==> flow/design.v <==
module reg_word #(parameter N = 8) (
    input wire clk,
    input wire en,
    input wire [N-1:0] d,
    output reg [N-1:0] q
);
    always @(posedge clk)
        if (en) q <= d;
endmodule
module mem_p #(
    parameter NUM_REGS = 12,
    parameter DATA_W = 10,
    parameter RP = 4,
    parameter ADDR_W = $clog2(NUM_REGS)
) (
    input i_clk,
    input in_wr_en,
    input [ADDR_W-1:0] in_write_addr,
    input [DATA_W-1:0] in_wd,
    input [RP*ADDR_W-1:0] in_read_addr,
    output reg [RP*DATA_W-1:0] out_rd
);
    wire [NUM_REGS*DATA_W-1:0] array;
    genvar ii;
    generate
        for (ii = 0; ii < NUM_REGS; ii = ii + 1) begin : row
            reg_word #(.N(DATA_W)) i_sub (.clk(i_clk), .en(in_wr_en && in_write_addr == ii), .d(in_wd), .q(array[ii*DATA_W +: DATA_W]));
        end
    endgenerate
    wire [RP*DATA_W-1:0] cur;
    genvar m;
    generate
        for (m = 0; m < RP; m = m + 1) begin : gen
            assign cur[m*DATA_W +: DATA_W] = array[in_read_addr[m*ADDR_W +: ADDR_W]*DATA_W +: DATA_W];
        end
    endgenerate
    always @(posedge i_clk) begin
        out_rd <= cur;
    end
endmodule
Subject: tool reports on mem_p

Hi,

* Tool chain data of mem_p
Module mem_p in several versions that differ in "NUM_REGS"; each step lists the members.
The RTL above is that of NUM_REGS = 12; lines are counted from 1 in the file of the member named.
Library cell names are shortened.
The mark - stands for no value.
- Top :: mem_p
- Clock port :: i_clk
- Library :: sky130hd
- Corner :: tt_025C_1v80

* Source of the members
Lines of each other member's file that are new or changed against the file above; lines that a member lacks are not shown.
** Lines new or changed
- NUM_REGS 24 :: line 11 : parameter NUM_REGS = 24,
- NUM_REGS 40 :: line 11 : parameter NUM_REGS = 40,

* After elaboration
Source: Yosys, flattened and elaborated, memories not mapped. Widths are those after wreduce; folded enables and synchronous resets count as part of the registers. Registers that Yosys merges into a memory's read port (data or address) are not register bits. Print and check cells do not count. Equal cells are merged and count once.
** Storage and ports
- NUM_REGS 12 :: bits in registers 160, latch bits 0, RAM bits 0, ROM bits 0, clocked read ports x word width 0, memories kept 0, input bits 32, output and inout port bits 40, cells after elaboration 45
- NUM_REGS 24 :: bits in registers 280, latch bits 0, RAM bits 0, ROM bits 0, clocked read ports x word width 0, memories kept 0, input bits 37, output and inout port bits 40, cells after elaboration 81
- NUM_REGS 40 :: bits in registers 440, latch bits 0, RAM bits 0, ROM bits 0, clocked read ports x word width 0, memories kept 0, input bits 42, output and inout port bits 40, cells after elaboration 129
** Cells by class
- NUM_REGS 12 :: add/sub/neg operators 0, multiply operators 4, divide/modulo/power cells 0, order comparisons 0, equality and inequality tests 11, shifts and indexed selects 4, mux-type cells 0, bitwise gates (word level) 0, reduce/logical cells 13
- NUM_REGS 24 :: add/sub/neg operators 0, multiply operators 4, divide/modulo/power cells 0, order comparisons 0, equality and inequality tests 23, shifts and indexed selects 4, mux-type cells 0, bitwise gates (word level) 0, reduce/logical cells 25
- NUM_REGS 40 :: add/sub/neg operators 0, multiply operators 4, divide/modulo/power cells 0, order comparisons 0, equality and inequality tests 39, shifts and indexed selects 4, mux-type cells 0, bitwise gates (word level) 0, reduce/logical cells 41
** Operator list (kinds with counts)
- NUM_REGS 12 :: indexed select 120 x 9 -> 10 bit (4); multiplier 4 x 3 -> 7 bit with constant B (4); == test 4 x 3 -> 1 bit with constant B (4); == test 4 bit with constant B (4); logical AND 1 bit (12); == test 4 x 2 -> 1 bit with constant B (2); == test 4 x 1 -> 1 bit with constant B (1); zero test 4 bit (1)
- NUM_REGS 24 :: indexed select 240 x 10 -> 10 bit (4); multiplier 5 x 3 -> 8 bit with constant B (4); == test 5 x 4 -> 1 bit with constant B (8); == test 5 bit with constant B (8); logical AND 1 bit (24); == test 5 x 3 -> 1 bit with constant B (4); == test 5 x 2 -> 1 bit with constant B (2); == test 5 x 1 -> 1 bit with constant B (1); zero test 5 bit (1)
- NUM_REGS 40 :: indexed select 400 x 11 -> 10 bit (4); multiplier 6 x 3 -> 9 bit with constant B (4); == test 6 x 5 -> 1 bit with constant B (16); == test 6 x 4 -> 1 bit with constant B (8); == test 6 bit with constant B (8); logical AND 1 bit (40); == test 6 x 3 -> 1 bit with constant B (4); == test 6 x 2 -> 1 bit with constant B (2); == test 6 x 1 -> 1 bit with constant B (1); zero test 6 bit (1)

* Longest topological paths
Longest topological path by Yosys (ltp), each cell counted once; first at word level (registers and memories cut), then after technology mapping (sequential cells cut; the memories' decode and read muxes count).
** Logic depth
- NUM_REGS 12 :: depth after elaboration 2, ABC_AREA 0, depth in mapped cells 4
- NUM_REGS 24 :: depth after elaboration 2, ABC_AREA 0, depth in mapped cells 8
- NUM_REGS 40 :: depth after elaboration 2, ABC_AREA 0, depth in mapped cells 9

* After synthesis
Source: synth_stat.txt of the flow (Yosys; design flattened, memories mapped). It holds for the ABC_AREA given above (unset counts as 0); a run with the other value may have another netlist.
The area totals of this step are shown rounded.
** Cells by type (type and count)
- NUM_REGS 12 :: edfxtp_1 (120); mux4_2 (80); mux2_2 (80); dfxtp_1 (40); o22ai_1 (40); o31ai_1 (30); nor2_1 (49); nand2_1 (35); o32ai_1 (10); buf_2 (15); buf_1 (12); buf_6 (4); nand2b_1 (7); inv_1 (10); clkbuf_1 (7); nor2b_1 (3); buf_4 (2); nand3b_1 (2); [+4]
- NUM_REGS 24 :: edfxtp_1 (240); mux2i_1 (320); mux4_2 (71); a22oi_1 (120); dfxtp_1 (40); nand3_1 (100); o211ai_1 (40); nand2b_1 (41); buf_6 (21); mux4_1 (9); a221oi_1 (21); nor2_1 (39); a21oi_1 (29); buf_4 (19); clkbuf_1 (37); nand2_1 (32); nor2b_1 (13); buf_2 (14); [+27]
- NUM_REGS 40 :: edfxtp_1 (400); mux4_2 (290); mux2i_1 (211); dfxtp_1 (40); a211oi_1 (59); a22oi_1 (49); mux4_1 (14); mux2_2 (31); o221ai_1 (37); a22o_1 (34); buf_2 (49); buf_4 (31); a211o_1 (24); clkbuf_1 (50); o22ai_1 (29); nor2_1 (48); nor2b_1 (24); nand2_1 (38); [+147]
The mark [+n] counts cells that are not listed.
** Mapped netlist
- NUM_REGS 12 :: mapped cells 550, chip area (Yosys) 8330 um2, flip-flop cells 160, buffer cells 40
- NUM_REGS 24 :: mapped cells 1233, chip area (Yosys) 16500 um2, flip-flop cells 280, buffer cells 104
- NUM_REGS 40 :: mapped cells 1605, chip area (Yosys) 26100 um2, flip-flop cells 440, buffer cells 148
The figures by module come from a second, unflattened synthesis with its own total; it is not the netlist above.
** Unflattened totals
- NUM_REGS 12 :: cell total of the unflattened synthesis 550, area (unflattened synthesis) 8330 um2
- NUM_REGS 24 :: cell total of the unflattened synthesis 1242, area (unflattened synthesis) 16600 um2
- NUM_REGS 40 :: cell total of the unflattened synthesis 1586, area (unflattened synthesis) 26000 um2

* Path before layout
Source: OpenSTA report_checks on the synthesized netlist (no wires, ideal clock, input and output delay 20% of the period each), path of least setup slack; recovery checks are left aside. Register names are those of the netlist, which keeps one name where synthesis merged equal registers.
** Timing path after synthesis
- NUM_REGS 12 :: path kind input -> register, start point in in_write_addr[3], end point reg row[0].i_sub.q[0], clock period 2440 ps, slack 391 ps, driving pins on the path 2, path delay 1561 ps, synthesis period reached 2049 ps
- NUM_REGS 24 :: path kind input -> register, start point in in_write_addr[2], end point reg row[20].i_sub.q[0], clock period 2450 ps, slack 392 ps, driving pins on the path 3, path delay 1568 ps, synthesis period reached 2058 ps
- NUM_REGS 40 :: path kind input -> register, start point in in_write_addr[5], end point reg row[8].i_sub.q[0], clock period 3570 ps, slack 569 ps, driving pins on the path 4, path delay 2287 ps, synthesis period reached 3001 ps
"path delay" = arrival - input delay + setup time.
"driving pins on the path" counts driving pins, that of a launching flip-flop among them; a cell with two outputs on the path counts twice.
"synthesis period reached" = period - worst setup slack (recovery checks aside). The figure is calculated, with input and output delays left at 20% of the set period.
Between the ends stands the longest chain of elaborated cells between them, by number of cells; it is not shown to be the way that was timed. Of several equally long chains one is given.
A line is the first line of the expression or statement that the cell stems from. Yosys adds cells for indexed reads and writes and turns some case tables into memories.
On the way, after synthesis, NUM_REGS = 12:
- Cells in the longest elaborated chain :: 2
** Ends and longest elaborated chain, after synthesis, NUM_REGS = 12
- from (decl) :: line 18 : input [ADDR_W-1:0] in_write_addr,
- zero test 4 bit :: line 27 : reg_word #(.N(DATA_W)) i_sub (.clk(i_clk), .en(in_wr_en && in_write_addr == ii), .d(in_wd), .q(array[ii*DATA_W ...
- logical AND 1 bit :: line 27
- to (assign) :: line 8 : if (en) q <= d;
- to (decl) :: line 5 : output reg [N-1:0] q
On the way, after synthesis, NUM_REGS = 40:
- Cells in the longest elaborated chain :: 2
** Ends and longest elaborated chain, after synthesis, NUM_REGS = 40
- from (decl) :: line 18 : input [ADDR_W-1:0] in_write_addr,
- == test 6 x 4 -> 1 bit :: line 27 : reg_word #(.N(DATA_W)) i_sub (.clk(i_clk), .en(in_wr_en && in_write_addr == ii), .d(in_wd), .q(array[ii*DATA_W ...
- logical AND 1 bit :: line 27
- to (assign) :: line 8 : if (en) q <= d;
- to (decl) :: line 5 : output reg [N-1:0] q

* Worst path after layout
From the final timing report of the run of each member: the path of least setup slack in the routed layout; clock arrival at registers is part of the times.
The report prints the path's times to 10 ps; the period is as set.
** Timing path post-layout
- NUM_REGS 12 :: path kind register -> output, start point reg out_rd[8], end point out out_rd[8], clock period 2440 ps, slack 540 ps, driving pins on the path 2, arrival 1410 ps, buffers on the path 1
- NUM_REGS 24 :: path kind register -> output, start point reg out_rd[35], end point out out_rd[35], clock period 2450 ps, slack 330 ps, driving pins on the path 2, arrival 1630 ps, buffers on the path 1
- NUM_REGS 40 :: path kind input -> register, start point in in_read_addr[14], end point reg out_rd[21], clock period 3570 ps, slack 730 ps, driving pins on the path 5, arrival 3270 ps, buffers on the path 1

* Measured runs
One run of the flow (Yosys, OpenROAD) for each member, with settings and measured results. Input and output delays are each 20% of the period that was set; the output load is 0.01 pF.
- CAP_MARGIN :: 20
- CORE_MARGIN :: 2
- CORE_UTILIZATION :: 40
- SLEW_MARGIN :: 20
** Settings that differ (period_ns)
- NUM_REGS 12 :: 2.44
- NUM_REGS 24 :: 2.45
- NUM_REGS 40 :: 3.57
** Final reports
- NUM_REGS 12 :: chip area after synthesis (Yosys) 8330 um2, die footprint 22000 um2, final design utilization 50.0%, smallest setup slack 545 ps, worst hold slack 745 ps, total design power 6620 uW, reached clock period 1895 ps
- NUM_REGS 24 :: chip area after synthesis (Yosys) 16500 um2, die footprint 42800 um2, final design utilization 48.9%, smallest setup slack 335 ps, worst hold slack 528 ps, total design power 12700 uW, reached clock period 2115 ps
- NUM_REGS 40 :: chip area after synthesis (Yosys) 26100 um2, die footprint 67400 um2, final design utilization 47.3%, smallest setup slack 727 ps, worst hold slack 814 ps, total design power 13000 uW, reached clock period 2843 ps
"reached clock period": clock period set for the run, less the worst setup slack. It is reckoned from that one timing run; input and output delays stay at 20% of the period that was set.
"total design power" is the tool's figure for a default switching activity; nothing was simulated.
The results are shown rounded.

Regards
